==> flow/design.v <==
module muxn (aclk, RST, in_din, in_idx, out_res);
  parameter DATA_WIDTH = 32;
  parameter WAYS = 32;
  localparam LOGN = $clog2(WAYS);
  input aclk;
  input RST;
  input [WAYS*DATA_WIDTH-1:0] in_din;
  input [LOGN-1:0] in_idx;
  output reg [DATA_WIDTH-1:0] out_res;
  reg [WAYS*DATA_WIDTH-1:0] din_q;
  reg [LOGN-1:0] idx_q;
  always @(posedge aclk) begin
    if (RST) begin
      din_q <= 0;
      idx_q <= 0;
    end else begin
      din_q <= in_din;
      idx_q <= in_idx;
    end
  end
  localparam LO_W = WAYS / 2;
  reg [DATA_WIDTH-1:0] lo_q;
  reg [DATA_WIDTH-1:0] msb_q;
  reg idx_q_d;
  always @(posedge aclk) begin
    if (RST) begin
      lo_q <= 0;
      msb_q <= 0;
      idx_q_d <= 1'b0;
      out_res <= 0;
    end else begin
      lo_q <= din_q[idx_q[LOGN-2:0]*DATA_WIDTH +: DATA_WIDTH];
      msb_q <= din_q[(LO_W + idx_q[LOGN-2:0])*DATA_WIDTH +: DATA_WIDTH];
      idx_q_d <= idx_q[LOGN-1];
      out_res <= idx_q_d ? msb_q : lo_q;
    end
  end
endmodule
**Tool chain data of muxn**

What the tools print for muxn, step after step.
Lines are those of the file above, counted from 1.
Library cell names are shortened.
The mark -- stands for no value.

- Top: muxn
- Clock port: aclk
- Standard-cell library: sky130hd
- Timing corner: tt_025C_1v80

**Word level**

Yosys after proc, flatten, opt, wreduce and memory -nomap, before mapping. Enables and synchronous resets that opt folds into registers are not counted as muxes. Memory bits, and registers merged into a memory's read port (data or address), are not among the register bits. Print and check cells are not counted. Equal cells are merged and count once.

- Flip-flop bits (word level): 1126
- Output and inout bits: 32

- Add/sub/neg operators: 1
- Shift-type cells: 2
- Mux-type cells: 1

Operators by type and width:

| kind | count |
|---|---|
| variable part select 1024 x 10 -> 32 bit | 1 |
| variable part select 1024 x 12 -> 32 bit | 1 |
| 2-to-1 mux 32 bit | 1 |
| adder 5 x 4 -> 6 bit (first input constant) | 1 |

**Logic depth**

Longest topological path by Yosys (ltp), each cell counted once; first at word level (registers and memories cut), then after technology mapping (sequential cells cut; the memories' decode and read muxes count).

- Depth after elaboration: 2
- ABC_AREA: 0
- Gate-level depth with buffers: 7
- Mapped depth without buffers: 4

**Netlist**

Source: synth_stat.txt of the flow (Yosys; design flattened, memories mapped). It holds for the ABC_AREA given above (unset counts as 0); a run with the other value may have another netlist.

- Mapped cells: 3419
- Chip area (Yosys): 38687.1 µm²
- Area of sequential cells: 22541.6 µm²
- Flip-flop cells: 1126
- Buffers: 248

Cells by type:

| cell | count | area in all (µm²) |
|---|---|---|
| dfxtp_1 | 1126 | 2.25E+04 |
| nor2b_1 | 1032 | 6.46E+03 |
| mux2i_1 | 528 | 5.29E+03 |
| a22oi_1 | 240 | 1.8E+03 |
| clkbuf_1 | 154 | 578.054 |
| nand2_1 | 123 | 461.693 |
| o22ai_1 | 60 | 375.36 |
| buf_6 | 28 | 315.302 |
| buf_4 | 24 | 180.173 |
| mux4_2 | 8 | 180.173 |
| buf_2 | 30 | 150.144 |
| nor2_1 | 33 | 123.869 |
| a221oi_1 | 7 | 61.309 |
| buf_8 | 4 | 60.058 |
| o21ai_1 | 7 | 35.034 |
| buf_1 | 7 | 26.275 |
| a22o_1 | 1 | 8.758 |
| nor2b_2 | 1 | 8.758 |

Other cell types: 6; their cells: 6.

**Timing after synthesis**

Path of least setup slack by OpenSTA after synthesis, without wires, with an ideal clock, recovery checks aside; 20% of the period is set as input and as output delay. Where synthesis merged equal registers, the netlist keeps one of their names.

- Path type: reg-to-reg
- From: register idx_q[2]
- To: register lo_q[21]
- Clock period: 1.75 ns
- Library setup time: 0.134 ns
- Time at the first pin: 0.000 ns
- Data arrival time: 1.270 ns
- Required time: 1.616 ns
- Path slack: 0.346 ns
- Delay of the path: 1.404 ns
- Stages on the path: 8
- Period reached after synthesis: 1.404 ns

"delay of the path" = arrival - input delay + setup time.
"stages on the path" counts driving pins, that of a launching flip-flop among them; a cell with two outputs on the path counts twice.
"period reached after synthesis" = period - worst setup slack (recovery checks aside). The figure is calculated, with input and output delays left at 20% of the set period.
Between the ends stands the longest chain of elaborated cells between them, by number of cells; it is not shown to be the way that was timed. Of several equally long chains one is given.
Each line given opens the expression or statement behind the cell; cells for indexed reads and writes are added by Yosys, which also makes memories of some case tables.

- Cells stage by stage: dfxtp_1 -> nor2b_1 -> buf_2 -> buf_2 -> clkbuf_1 -> a22oi_1 -> nand2_1 -> o22ai_1
- Cells in the longest elaborated chain: 1
- Elaborated cells between the ends (all ways): 1

Ends and longest elaborated chain, after synthesis:

| element | line | source |
|---|---|---|
| start, declared | 11 | `reg [LOGN-1:0] idx_q;` |
| start, assigned | 15 | `idx_q <= 0;` |
| start, assigned | 18 | `idx_q <= in_idx;` |
| variable part select 1024 x 10 -> 32 bit | 32 | `lo_q <= din_q[idx_q[LOGN-2:0]*DATA_WIDTH +: DATA_WIDTH];` |
| end, assigned | 27 | `lo_q <= 0;` |
| end, assigned | 32 |  |
| end, declared | 22 | `reg [DATA_WIDTH-1:0] lo_q;` |

**Path in the finished layout**

From the final timing report of flow run 1: the path of least setup slack in the routed layout; clock arrival at registers is part of the times.

- Path type: reg-to-reg
- From: register idx_q[0]
- To: register msb_q[18]
- Clock period: 0.874 ns
- Library setup time: 0.12 ns
- Time at the first pin: 0.71 ns
- Data arrival time: 2.49 ns
- Required time: 1.47 ns
- Path slack: -1.03 ns
- Stages on the path: 8

Between the ends stands the longest chain of elaborated cells between them, by number of cells; it is not shown to be the way that was timed. Of several equally long chains one is given.

- Cells stage by stage: dfxtp_4 -> buf_6 -> bufbuf_16 -> mux2i_2 -> buf_4 -> a22oi_1 -> nand2_1 -> o22ai_1
- Cells in the longest elaborated chain: 2
- Elaborated cells between the ends (all ways): 2

Ends and longest elaborated chain, after layout:

| element | line | source |
|---|---|---|
| start, declared | 11 | `reg [LOGN-1:0] idx_q;` |
| start, assigned | 15 | `idx_q <= 0;` |
| start, assigned | 18 | `idx_q <= in_idx;` |
| adder 5 x 4 -> 6 bit | 33 | `msb_q <= din_q[(LO_W + idx_q[LOGN-2:0])*DATA_WIDTH +: DATA_WIDTH];` |
| variable part select 1024 x 12 -> 32 bit | 33 |  |
| end, assigned | 28 | `msb_q <= 0;` |
| end, assigned | 33 |  |
| end, declared | 23 | `reg [DATA_WIDTH-1:0] msb_q;` |

==> runs of muxn <==
Module muxn, platform sky130hd: 3 stored runs of the flow (Yosys, OpenROAD) with differing settings, in no particular order. Input and output delays are each 20% of the period that was set; the output load is 0.01 pF.
"clock period reached" means the clock period less the worst setup slack. The figure is calculated, with input and output delays left at 20% of the set period.
"critical path time" = time allowed to the worst setup path (clock period - input delay - output delay, where it has them) - its slack; a late launch clock adds to it, a late capture clock takes from it.
"total power of the final layout" rests on the timing tool's default activity at the inputs, not on a simulated workload.
Settings: - = not set for that run.
A result given as - is not shown for that run.

| item | flow run 1 | flow run 2 | flow run 3 |
|---|---|---|---|
| period_ns | 0.874 | 1.75 | 0.848 |
| CORE_UTILIZATION | 31 | 40 | 57 |
| SETUP_SLACK_MARGIN | 0.26 | - | - |
| PLACE_DENSITY_LB_ADDON | 0.03 | - | 0.1 |
| CORE_ASPECT_RATIO | 1.91 | - | - |
| CORE_MARGIN | 10 | 2 | 2 |
| CELL_PAD_IN_SITES_GLOBAL_PLACEMENT | 2 | - | 0 |
| TNS_END_PERCENT | 95 | - | - |
| CTS_CLUSTER_SIZE | 23 | - | - |
| CTS_CLUSTER_DIAMETER | 341 | - | 394 |
| MIN_ROUTING_LAYER | met2 | - | - |
| CAP_MARGIN | 20 | 20 | 40 |
| SLEW_MARGIN | 20 | 20 | 20 |
| critical path time (ns) | 1.90 | 1.72 | - |
| critical path type | reg-to-reg | reg-to-reg | - |
| total die area (µm²) | 140074.0 | 99221.9 | - |
| utilization of the finished layout (%) | 47.6 | 58.2 | - |
| synthesized cell area (µm²) | 38687.1 | 38687.1 | - |
| setup slack of the critical path (ns) | -1.028 | 0.025 | - |
| total power of the final layout (mW) | 102.739 | 60.154 | - |
| clock period reached (ns) | 1.902 | 1.725 | - |
| total negative slack (ns) | -77.484 | 0.000 | - |

Flow run 3: unfinished; error PPL-0024 in placement
